==> flow/design.v <==
module cpu_shifter (ck, RSTN, enable, i_ch, i_n, i_dir, o_data_out);
    parameter integer BITS = 24;
    localparam integer SEL_WIDTH = $clog2(BITS);
    input ck;
    input RSTN;
    input enable;
    input [BITS-1:0] i_ch;
    input [SEL_WIDTH-1:0] i_n;
    input i_dir;
    output [BITS-1:0] o_data_out;
    reg [BITS-1:0] r_ch;
    reg [SEL_WIDTH-1:0] r_n;
    reg r_dir;
    always @(posedge ck or negedge RSTN) begin
        if (~RSTN) begin
            r_ch <= 0;
            r_n <= 0;
            r_dir <= 1'b0;
        end else if (enable) begin
            r_ch <= i_ch;
            r_n <= i_n;
            r_dir <= i_dir;
        end
    end
    assign o_data_out = r_dir ? r_ch << r_n : r_ch >> r_n;
endmodule
### Step by step through the tools: cpu_shifter

Tool output for the design above, in the order of the flow.
Line numbers count from 1 in the design file above.
Operators: Yosys type, input widths -> output width; for muxes data width and select width s.
Library cell names are shortened.
Not given: -

* design top: cpu_shifter
* clock: ck
* standard-cell library: sky130hd
* library corner: tt_025C_1v80

### Elaborated design

Counts by Yosys on the flattened word-level netlist (proc, flatten, opt, wreduce; memories kept). Register bits leave out memories and registers merged into their read ports (data or address); mux counts leave out enables and synchronous resets folded into registers. Print and check cells are left out. Cells with the same type and inputs are merged into one.

* output and inout bits: 24
* bits in registers: 30
* bits of input ports: 33
* cells after elaboration: 6

* shifts and indexed selects: 2
* multiplexer cells: 1

Operators with widths (number)
* $shl 24x5->24: 1
* $shr 24x5->24: 1
* $mux 24: 1

### Depth

Depth = most cells in a row (Yosys ltp): at word level without a register or memory, in the mapped netlist without a sequential cell, where the memories' decode and read muxes count.

* depth after elaboration: 2
* ABC_AREA: 1
* depth in mapped cells: 11
* gate-level depth less buffers: 9

### After synthesis

Yosys stat after the flow's synthesis: flattened, memories mapped to cells. It holds for the ABC_AREA given above (unset counts as 0); a run with the other value may have another netlist.

Cells by type
* nand3_1: number 201, total area 1.01E+03 um^2
* dfrtp_1: number 30, total area 750.72 um^2
* nand2_1: number 152, total area 570.547 um^2
* mux2_2: number 23, total area 258.998 um^2
* buf_2: number 23, total area 115.11 um^2
* nand2_2: number 17, total area 106.352 um^2
* a21oi_1: number 19, total area 95.091 um^2
* o21ai_0: number 18, total area 90.086 um^2
* buf_6: number 7, total area 78.826 um^2
* nand3_2: number 7, total area 70.067 um^2
* nand4_1: number 8, total area 50.048 um^2
* o21ai_1: number 8, total area 40.038 um^2
* nand2_4: number 3, total area 33.782 um^2
* nor2_1: number 9, total area 33.782 um^2
* clkbuf_1: number 7, total area 26.275 um^2
* inv_1: number 6, total area 22.522 um^2
* buf_12: number 1, total area 20.019 um^2
* buf_1: number 4, total area 15.014 um^2

Other cell types: 11; their cells: 15.

* cells in the netlist: 558
* mapped area: 3494.6 um^2
* sequential area: 750.7 um^2
* mapped flip-flops: 30
* buffers: 45

### Timing after synthesis

Path of least setup slack by OpenSTA after synthesis, without wires, with an ideal clock, recovery checks aside; 20% of the period is set as input and as output delay. Where synthesis merged equal registers, the netlist keeps one of their names.

* kind: register to output
* from: register r_n[0]
* to: output o_data_out[11]
* data required time: 2280 ps
* time at the first pin: 0 ps
* slack: 950 ps
* stages: 10
* period: 2850 ps
* buffers on the path: 2
* data arrival time: 1330 ps
* delay of the path: 1330 ps
* external output delay: 570 ps
* period reached after synthesis: 1900 ps

"delay of the path" = arrival - input delay + setup time.
A path that ends at an output port has no setup time.
"stages": output pins that drive a net of the path, with the launching flip-flop's if there is one; two outputs of one cell count as two.
"period reached after synthesis" = period - worst setup slack (recovery checks aside). The figure is calculated, with input and output delays left at 20% of the set period.
Between the ends stands the longest chain of elaborated cells between them, by number of cells; it is not shown to be the way that was timed. Of several equally long chains one is given.
Each line given opens the expression or statement behind the cell; cells for indexed reads and writes are added by Yosys, which also makes memories of some case tables.

* cell sequence: dfrtp_1 -> buf_6 -> inv_8 -> buf_8 -> nand2_2 -> nand3_1 -> nand3_1 -> nand3_1 -> nand2_1 -> o21ai_0
* length of the longest elaborated chain: 2
* elaborated cells on any way between the ends: 3
* RTL lines with such cells: 1
* classes of those cells: 2 x shift; 1 x mux

RTL lines, path post-synthesis
* from (decl): RTL line 12 `reg [SEL_WIDTH-1:0] r_n;`
* from (assign): RTL line 17 `r_n <= 0;`
* from (assign): RTL line 21 `r_n <= i_n;`
* $shr 24x5->24: RTL line 25 `assign o_data_out = r_dir ? r_ch << r_n : r_ch >> r_n;`
* $mux 24: RTL line 25
* to (decl): RTL line 10 `output [BITS-1:0] o_data_out;`

### Path in the finished layout

Path of least setup slack in the final report of entry A (OpenROAD, finished layout, wires in). Where an end is a register, its clock arrival counts in the times.
The report prints the path's times to 10 ps; the period is as set.

* kind: register to output
* from: register r_n[0]
* to: output o_data_out[2]
* buffers on the path: 2
* data arrival time: 2700 ps
* period: 4020 ps
* external output delay: 800 ps
* time at the first pin: 280 ps
* slack: 520 ps
* stages: 12
* data required time: 3220 ps

Between the ends stands the longest chain of elaborated cells between them, by number of cells; it is not shown to be the way that was timed. Of several equally long chains one is given.

* cell sequence: dfrtp_1 -> buf_8 -> inv_8 -> nand2_1 -> a21oi_1 -> inv_1 -> nand2_1 -> nand4_1 -> nand2_1 -> nand2_1 -> nand2_1 -> clkdlybuf4s50_1
* length of the longest elaborated chain: 2
* elaborated cells on any way between the ends: 3
* RTL lines with such cells: 1
* classes of those cells: 2 x shift; 1 x mux

RTL lines, path post-layout
* from (decl): RTL line 12 `reg [SEL_WIDTH-1:0] r_n;`
* from (assign): RTL line 17 `r_n <= 0;`
* from (assign): RTL line 21 `r_n <= i_n;`
* $shr 24x5->24: RTL line 25 `assign o_data_out = r_dir ? r_ch << r_n : r_ch >> r_n;`
* $mux 24: RTL line 25
* to (decl): RTL line 10 `output [BITS-1:0] o_data_out;`

Hand-over note for cpu_shifter

Settings and measured results of 3 stored flow runs for module cpu_shifter (sky130hd), not sorted in any way. The constraints put input and output delay at 20% of the set period each and load the outputs with 0.01 pF.
By "reached clock period" is meant the clock period of the run minus its worst setup slack. This is arithmetic on one report: input and output delays are still those of the set period (20% each).
"overall power" rests on the timing tool's default activity at the inputs, not on a simulated workload.

### Entry A

==> flow/run.sh <==
#!/bin/bash
# the make line also repeats the synthesis and layout settings of config.mk as NAME=value (left out here)
make -C /OpenROAD-flow-scripts/flow DESIGN_CONFIG=/design/flow/config.mk WORK_HOME=/design/flow/orfs CLKGATE_MAP_FILE= finish
==> flow/config.mk <==
export PLATFORM = sky130hd
export DESIGN_NAME = cpu_shifter
export DESIGN_NICKNAME = cpu_shifter
export VERILOG_FILES = /design/flow/design.v
export SDC_FILE = /design/flow/constraint.sdc
export NUM_CORES = 4
export LEC_CHECK = 0
export ABC_AREA = 1
export CAP_MARGIN = 30
export CELL_PAD_IN_SITES_DETAIL_PLACEMENT = 1
export CORE_MARGIN = 9
export CORE_UTILIZATION = 37
export CTS_CLUSTER_SIZE = 41
export SLEW_MARGIN = 20
export TNS_END_PERCENT = 45
==> flow/constraint.sdc <==
create_clock -name core_clock -period 4.02 [get_ports {ck}]
set_input_delay 0.8040 -clock core_clock [delete_from_list [all_inputs] [get_ports {ck}]]
set_output_delay 0.8040 -clock core_clock [all_outputs]
set_load 0.01 [all_outputs]

Results of entry A:
- Post-route utilization: 44.8%
- Reached clock period: 3,502 ps
- Chip area after synthesis (Yosys): 3,494.6 um^2
- Full die area: 13,267.6 um^2
- Worst setup slack after layout: 518 ps
- Overall power: 1.384 mW

### Entry B

==> flow/run.sh <==
#!/bin/bash
# the make line also repeats the synthesis and layout settings of config.mk as NAME=value (left out here)
make -C /OpenROAD-flow-scripts/flow DESIGN_CONFIG=/design/flow/config.mk WORK_HOME=/design/flow/orfs CLKGATE_MAP_FILE= finish
==> flow/config.mk <==
export PLATFORM = sky130hd
export DESIGN_NAME = cpu_shifter
export DESIGN_NICKNAME = cpu_shifter
export VERILOG_FILES = /design/flow/design.v
export SDC_FILE = /design/flow/constraint.sdc
export NUM_CORES = 4
export LEC_CHECK = 0
export CAP_MARGIN = 20
export CORE_MARGIN = 2
export CORE_UTILIZATION = 28
export CTS_CLUSTER_DIAMETER = 372
export GPL_TIMING_DRIVEN = 1
export HOLD_SLACK_MARGIN = 0.05
export PLACE_DENSITY = 0.45
export SETUP_SLACK_MARGIN = 0.38
export SLEW_MARGIN = 20
==> flow/constraint.sdc <==
create_clock -name core_clock -period 1.74 [get_ports {ck}]
set_input_delay 0.3480 -clock core_clock [delete_from_list [all_inputs] [get_ports {ck}]]
set_output_delay 0.3480 -clock core_clock [all_outputs]
set_load 0.01 [all_outputs]

Results of entry B:
- Overall power: 5.010 mW
- Chip area after synthesis (Yosys): 3,773.6 um^2
- Reached clock period: 2,694 ps
- Full die area: 14,421.6 um^2
- Post-route utilization: 49.8%
- Worst setup slack after layout: -954 ps

### Entry C

==> flow/run.sh <==
#!/bin/bash
# the make line also repeats the synthesis and layout settings of config.mk as NAME=value (left out here)
make -C /OpenROAD-flow-scripts/flow DESIGN_CONFIG=/design/flow/config.mk WORK_HOME=/design/flow/orfs CLKGATE_MAP_FILE= finish
==> flow/config.mk <==
export PLATFORM = sky130hd
export DESIGN_NAME = cpu_shifter
export DESIGN_NICKNAME = cpu_shifter
export VERILOG_FILES = /design/flow/design.v
export SDC_FILE = /design/flow/constraint.sdc
export NUM_CORES = 4
export LEC_CHECK = 0
export CAP_MARGIN = 20
export CORE_MARGIN = 2
export CORE_UTILIZATION = 40
export SLEW_MARGIN = 20
==> flow/constraint.sdc <==
create_clock -name core_clock -period 2.85 [get_ports {ck}]
set_input_delay 0.5700 -clock core_clock [delete_from_list [all_inputs] [get_ports {ck}]]
set_output_delay 0.5700 -clock core_clock [all_outputs]
set_load 0.01 [all_outputs]

Results of entry C:
- Overall power: 2.714 mW
- Worst setup slack after layout: -106 ps
- Full die area: 10,227.3 um^2
- Post-route utilization: 63.9%
- Reached clock period: 2,956 ps
- Chip area after synthesis (Yosys): 3,773.6 um^2

End of note.
